==> flow/design.v <==
module cpu_sel_unit_top #(
  parameter BITS = 6,
  parameter LANES = 24,
  parameter LG = $clog2(LANES)
) (
  input  wire clk,
  input  wire srst,
  input  wire clk_en,
  input  wire [LANES*BITS-1:0] val,
  input  wire [LG-1:0] addr,
  output reg [BITS-1:0] res
);
  reg [BITS-1:0] cur;
  integer k;
  always @* begin
    cur = 0;
    for (k = 0; k < LANES; k = k + 1)
      if (addr == k) cur = val[k*BITS +: BITS];
  end
  always @(posedge clk) begin
    if (srst) begin
      res <= 0;
    end else if (clk_en) begin
      res <= cur;
    end
  end
endmodule
[Reports on cpu_sel_unit_top]
Tool output for the design above, in the order of the flow.
Lines are those of the file above, counted from 1.
A cell with - has no value.
Design
  top: cpu_sel_unit_top
  clock input: clk
  library: sky130hd
  library corner: tt_025C_1v80

[After elaboration]
Yosys after proc, flatten, opt, wreduce and memory -nomap, before mapping. Enables and synchronous resets that opt folds into registers are not counted as muxes. Memory bits, and registers merged into a memory's read port (data or address), are not among the register bits. Print and check cells are not counted. Equal cells are merged and count once.
Cells by class
  equal/unequal tests: 23
  muxes and demuxes: 24
  reduce/logical cells: 1
Operators with widths (count)
  2-to-1 mux 6 bit: 24
  equality test 5 x 4 -> 1 bit with constant B: 8
  equality test 5 bit with constant B: 8
  equality test 5 x 3 -> 1 bit with constant B: 4
  equality test 5 x 2 -> 1 bit with constant B: 2
  equality test 5 x 1 -> 1 bit with constant B: 1
  logical NOT 5 bit: 1
Word-level totals
  register bits after elaboration: 6
  input bits: 152

[Longest topological paths]
Longest topological path by Yosys (ltp), each cell counted once; first at word level (registers and memories cut), then after technology mapping (sequential cells cut; the memories' decode and read muxes count).
Depth
  depth in word-level cells: 25
  ABC_AREA: 0
  gate-level depth with buffers: 9
  mapped depth without buffers: 6

[Netlist]
Source: synth_stat.txt of the flow (Yosys; design flattened, memories mapped). It holds for the ABC_AREA given above (unset counts as 0); a run with the other value may have another netlist.
Synthesis totals
  cells in the netlist: 255
  cell area after synthesis: 0.0018743 mm2
  flip-flops: 6
  buffer cells: 25
Cell types (count)
  sky130_fd_sc_hd__mux4_2: 10
  sky130_fd_sc_hd__mux2i_1: 21
  sky130_fd_sc_hd__dfxtp_1: 6
  sky130_fd_sc_hd__o21ai_0: 24
  sky130_fd_sc_hd__a21oi_1: 17
  sky130_fd_sc_hd__nor2_1: 20
  sky130_fd_sc_hd__mux2_2: 6
  sky130_fd_sc_hd__nand2_1: 17
  sky130_fd_sc_hd__a211oi_1: 8
  sky130_fd_sc_hd__nand3_1: 12
  sky130_fd_sc_hd__buf_2: 11
  sky130_fd_sc_hd__nand2b_1: 8
  sky130_fd_sc_hd__nor2b_1: 8
  sky130_fd_sc_hd__o221ai_1: 5
  sky130_fd_sc_hd__buf_4: 5
  sky130_fd_sc_hd__a32oi_1: 4
  sky130_fd_sc_hd__nor3_1: 7
  sky130_fd_sc_hd__clkbuf_1: 8
Not listed: further types 33, cells in them 58.

[Timing after synthesis]
OpenSTA on the mapped netlist: ideal clock, no wires. The path of least setup slack (recovery checks aside). Input and output delay are each 20% of the period. Register names are those of the netlist, which keeps one name where synthesis merged equal registers.
Timing path post-synthesis
  path type: in2reg
  start: in addr[0]
  end: reg res[5]
  period: 2.15 ns
  setup time: 0.120 ns
  launch time at the first pin: 0.430 ns
  data arrival time: 1.689 ns
  data required time: 2.030 ns
  slack: 0.341 ns
  path delay: 1.379 ns
  driving pins on the path: 8
  synthesis period reached: 1.809 ns
"path delay" = arrival - input delay + setup time.
"driving pins on the path": output pins that drive a net of the path, with the launching flip-flop's if there is one; two outputs of one cell count as two.
"synthesis period reached" is the clock period less the worst setup slack; recovery checks do not enter. This is arithmetic on one report: input and output delays are still those of the set period (20% each).
Between the ends stands the longest chain of elaborated cells between them, by number of cells; it is not shown to be the way that was timed. Of several equally long chains one is given.
A line is the first line of the expression or statement that the cell stems from. Yosys adds cells for indexed reads and writes and turns some case tables into memories.
On the way, post-synthesis
  cell sequence: sky130_fd_sc_hd__buf_4 sky130_fd_sc_hd__buf_2 sky130_fd_sc_hd__mux2i_1 sky130_fd_sc_hd__o2bb2ai_1 sky130_fd_sc_hd__a222oi_1 sky130_fd_sc_hd__o211ai_1 sky130_fd_sc_hd__a211oi_1 sky130_fd_sc_hd__nor2_1
  cells in the longest elaborated chain: 25
RTL lines, path post-synthesis
  from (decl): line 10  | input  wire [LG-1:0] addr,
  logical NOT 5 bit: line 18  | if (addr == k) cur = val[k*BITS +: BITS];
  2-to-1 mux 6 bit (24 in a row): line 18
  to (assign): line 22  | res <= 0;
  to (assign): line 24  | res <= cur;
  to (decl): line 11  | output reg [BITS-1:0] res

[Worst path after layout]
From the final timing report of entry B: the path of least setup slack in the routed layout; clock arrival at registers is part of the times.
Timing path post-layout
  path type: in2reg
  start: in addr[2]
  end: reg res[3]
  period: 2.15 ns
  setup time: 0.10 ns
  launch time at the first pin: 0.43 ns
  data arrival time: 2.16 ns
  data required time: 2.27 ns
  slack: 0.11 ns
  driving pins on the path: 8
Between the ends stands the longest chain of elaborated cells between them, by number of cells; it is not shown to be the way that was timed. Of several equally long chains one is given.
On the way, post-layout
  cell sequence: sky130_fd_sc_hd__dlygate4sd2_1 sky130_fd_sc_hd__buf_4 sky130_fd_sc_hd__nor3b_4 sky130_fd_sc_hd__o21ai_0 sky130_fd_sc_hd__a21oi_1 sky130_fd_sc_hd__a31o_2 sky130_fd_sc_hd__a31oi_1 sky130_fd_sc_hd__o31ai_1
  cells in the longest elaborated chain: 25
RTL lines, path post-layout
  from (decl): line 10  | input  wire [LG-1:0] addr,
  logical NOT 5 bit: line 18  | if (addr == k) cur = val[k*BITS +: BITS];
  2-to-1 mux 6 bit (24 in a row): line 18
  to (assign): line 22  | res <= 0;
  to (assign): line 24  | res <= cur;
  to (decl): line 11  | output reg [BITS-1:0] res

Add stored flow runs of cpu_sel_unit_top

cpu_sel_unit_top through Yosys and OpenROAD on sky130hd: 3 stored runs, unordered, with their settings and measured results. The constraints put input and output delay at 20% of the set period each and load the outputs with 0.01 pF.
"achieved clock period": clock period set for the run, less the worst setup slack. It is reckoned from that one timing run; input and output delays stay at 20% of the period that was set.
By "worst setup path time" is meant the share of the clock period that the worst setup path is allowed (20% is reserved at inputs, 20% at outputs), minus its slack. Clock arrival times at its registers enter into it.
"power" is the tool's figure for a default switching activity; nothing was simulated.

Entry A
==> flow/run.sh <==
#!/bin/bash
# the make line also repeats the synthesis and layout settings of config.mk as NAME=value (left out here)
make -C /OpenROAD-flow-scripts/flow DESIGN_CONFIG=/design/flow/config.mk WORK_HOME=/design/flow/orfs CLKGATE_MAP_FILE= finish
==> flow/config.mk <==
export PLATFORM = sky130hd
export DESIGN_NAME = cpu_sel_unit_top
export DESIGN_NICKNAME = cpu_sel_unit_top
export VERILOG_FILES = /design/flow/design.v
export SDC_FILE = /design/flow/constraint.sdc
export NUM_CORES = 4
export LEC_CHECK = 0
export CAP_MARGIN = 20
export CELL_PAD_IN_SITES_DETAIL_PLACEMENT = 0
export CORE_MARGIN = 2
export CORE_UTILIZATION = 70
export GPL_TIMING_DRIVEN = 0
export PLACE_DENSITY_LB_ADDON = 0.28
export SETUP_SLACK_MARGIN = 0.2
export SLEW_MARGIN = 20
==> flow/constraint.sdc <==
create_clock -name core_clock -period 2.55 [get_ports {clk}]
set_input_delay 0.5100 -clock core_clock [delete_from_list [all_inputs] [get_ports {clk}]]
set_output_delay 0.5100 -clock core_clock [all_outputs]
set_load 0.01 [all_outputs]

==> results of entry A <==
did not finish, placement stopped with FLW-0024

Entry B
==> flow/run.sh <==
#!/bin/bash
# the make line also repeats the synthesis and layout settings of config.mk as NAME=value (left out here)
make -C /OpenROAD-flow-scripts/flow DESIGN_CONFIG=/design/flow/config.mk WORK_HOME=/design/flow/orfs CLKGATE_MAP_FILE= finish
==> flow/config.mk <==
export PLATFORM = sky130hd
export DESIGN_NAME = cpu_sel_unit_top
export DESIGN_NICKNAME = cpu_sel_unit_top
export VERILOG_FILES = /design/flow/design.v
export SDC_FILE = /design/flow/constraint.sdc
export NUM_CORES = 4
export LEC_CHECK = 0
export CAP_MARGIN = 20
export CELL_PAD_IN_SITES_DETAIL_PLACEMENT = 0
export CORE_ASPECT_RATIO = 1.01
export CORE_MARGIN = 2
export CORE_UTILIZATION = 40
export CTS_CLUSTER_SIZE = 84
export MAX_ROUTING_LAYER = met4
export PLACE_DENSITY_LB_ADDON = 0.28
export SETUP_SLACK_MARGIN = -0.08
export SLEW_MARGIN = 40
export TNS_END_PERCENT = 75
==> flow/constraint.sdc <==
create_clock -name core_clock -period 2.15 [get_ports {clk}]
set_input_delay 0.4300 -clock core_clock [delete_from_list [all_inputs] [get_ports {clk}]]
set_output_delay 0.4300 -clock core_clock [all_outputs]
set_load 0.01 [all_outputs]

==> results of entry B <==
chip area after synthesis (Yosys): 0.0018743 mm2
die area: 0.0052492 mm2
standard-cell area of the final layout: 0.0039062 mm2
utilization: 85.0%
worst setup slack after layout: 0.112 ns
total negative slack: 0.000 ns
worst hold slack: 0.562 ns
power: 1004 uW
achieved clock period: 2.038 ns
worst setup path time: 1.61 ns
worst setup path kind: in2reg

Entry C
==> flow/run.sh <==
#!/bin/bash
# the make line also repeats the synthesis and layout settings of config.mk as NAME=value (left out here)
make -C /OpenROAD-flow-scripts/flow DESIGN_CONFIG=/design/flow/config.mk WORK_HOME=/design/flow/orfs CLKGATE_MAP_FILE= finish
==> flow/config.mk <==
export PLATFORM = sky130hd
export DESIGN_NAME = cpu_sel_unit_top
export DESIGN_NICKNAME = cpu_sel_unit_top
export VERILOG_FILES = /design/flow/design.v
export SDC_FILE = /design/flow/constraint.sdc
export NUM_CORES = 4
export LEC_CHECK = 0
export CAP_MARGIN = 20
export CORE_MARGIN = 2
export CORE_UTILIZATION = 40
export SLEW_MARGIN = 20
==> flow/constraint.sdc <==
create_clock -name core_clock -period 2.15 [get_ports {clk}]
set_input_delay 0.4300 -clock core_clock [delete_from_list [all_inputs] [get_ports {clk}]]
set_output_delay 0.4300 -clock core_clock [all_outputs]
set_load 0.01 [all_outputs]

==> results of entry C <==
chip area after synthesis (Yosys): 0.0018743 mm2
die area: 0.005249 mm2
standard-cell area of the final layout: 0.0039075 mm2
utilization: 87.9%
worst setup slack after layout: -0.066 ns
total negative slack: -0.066 ns
worst hold slack: 0.582 ns
power: 1013 uW
achieved clock period: 2.216 ns
worst setup path time: 1.79 ns
worst setup path kind: in2reg
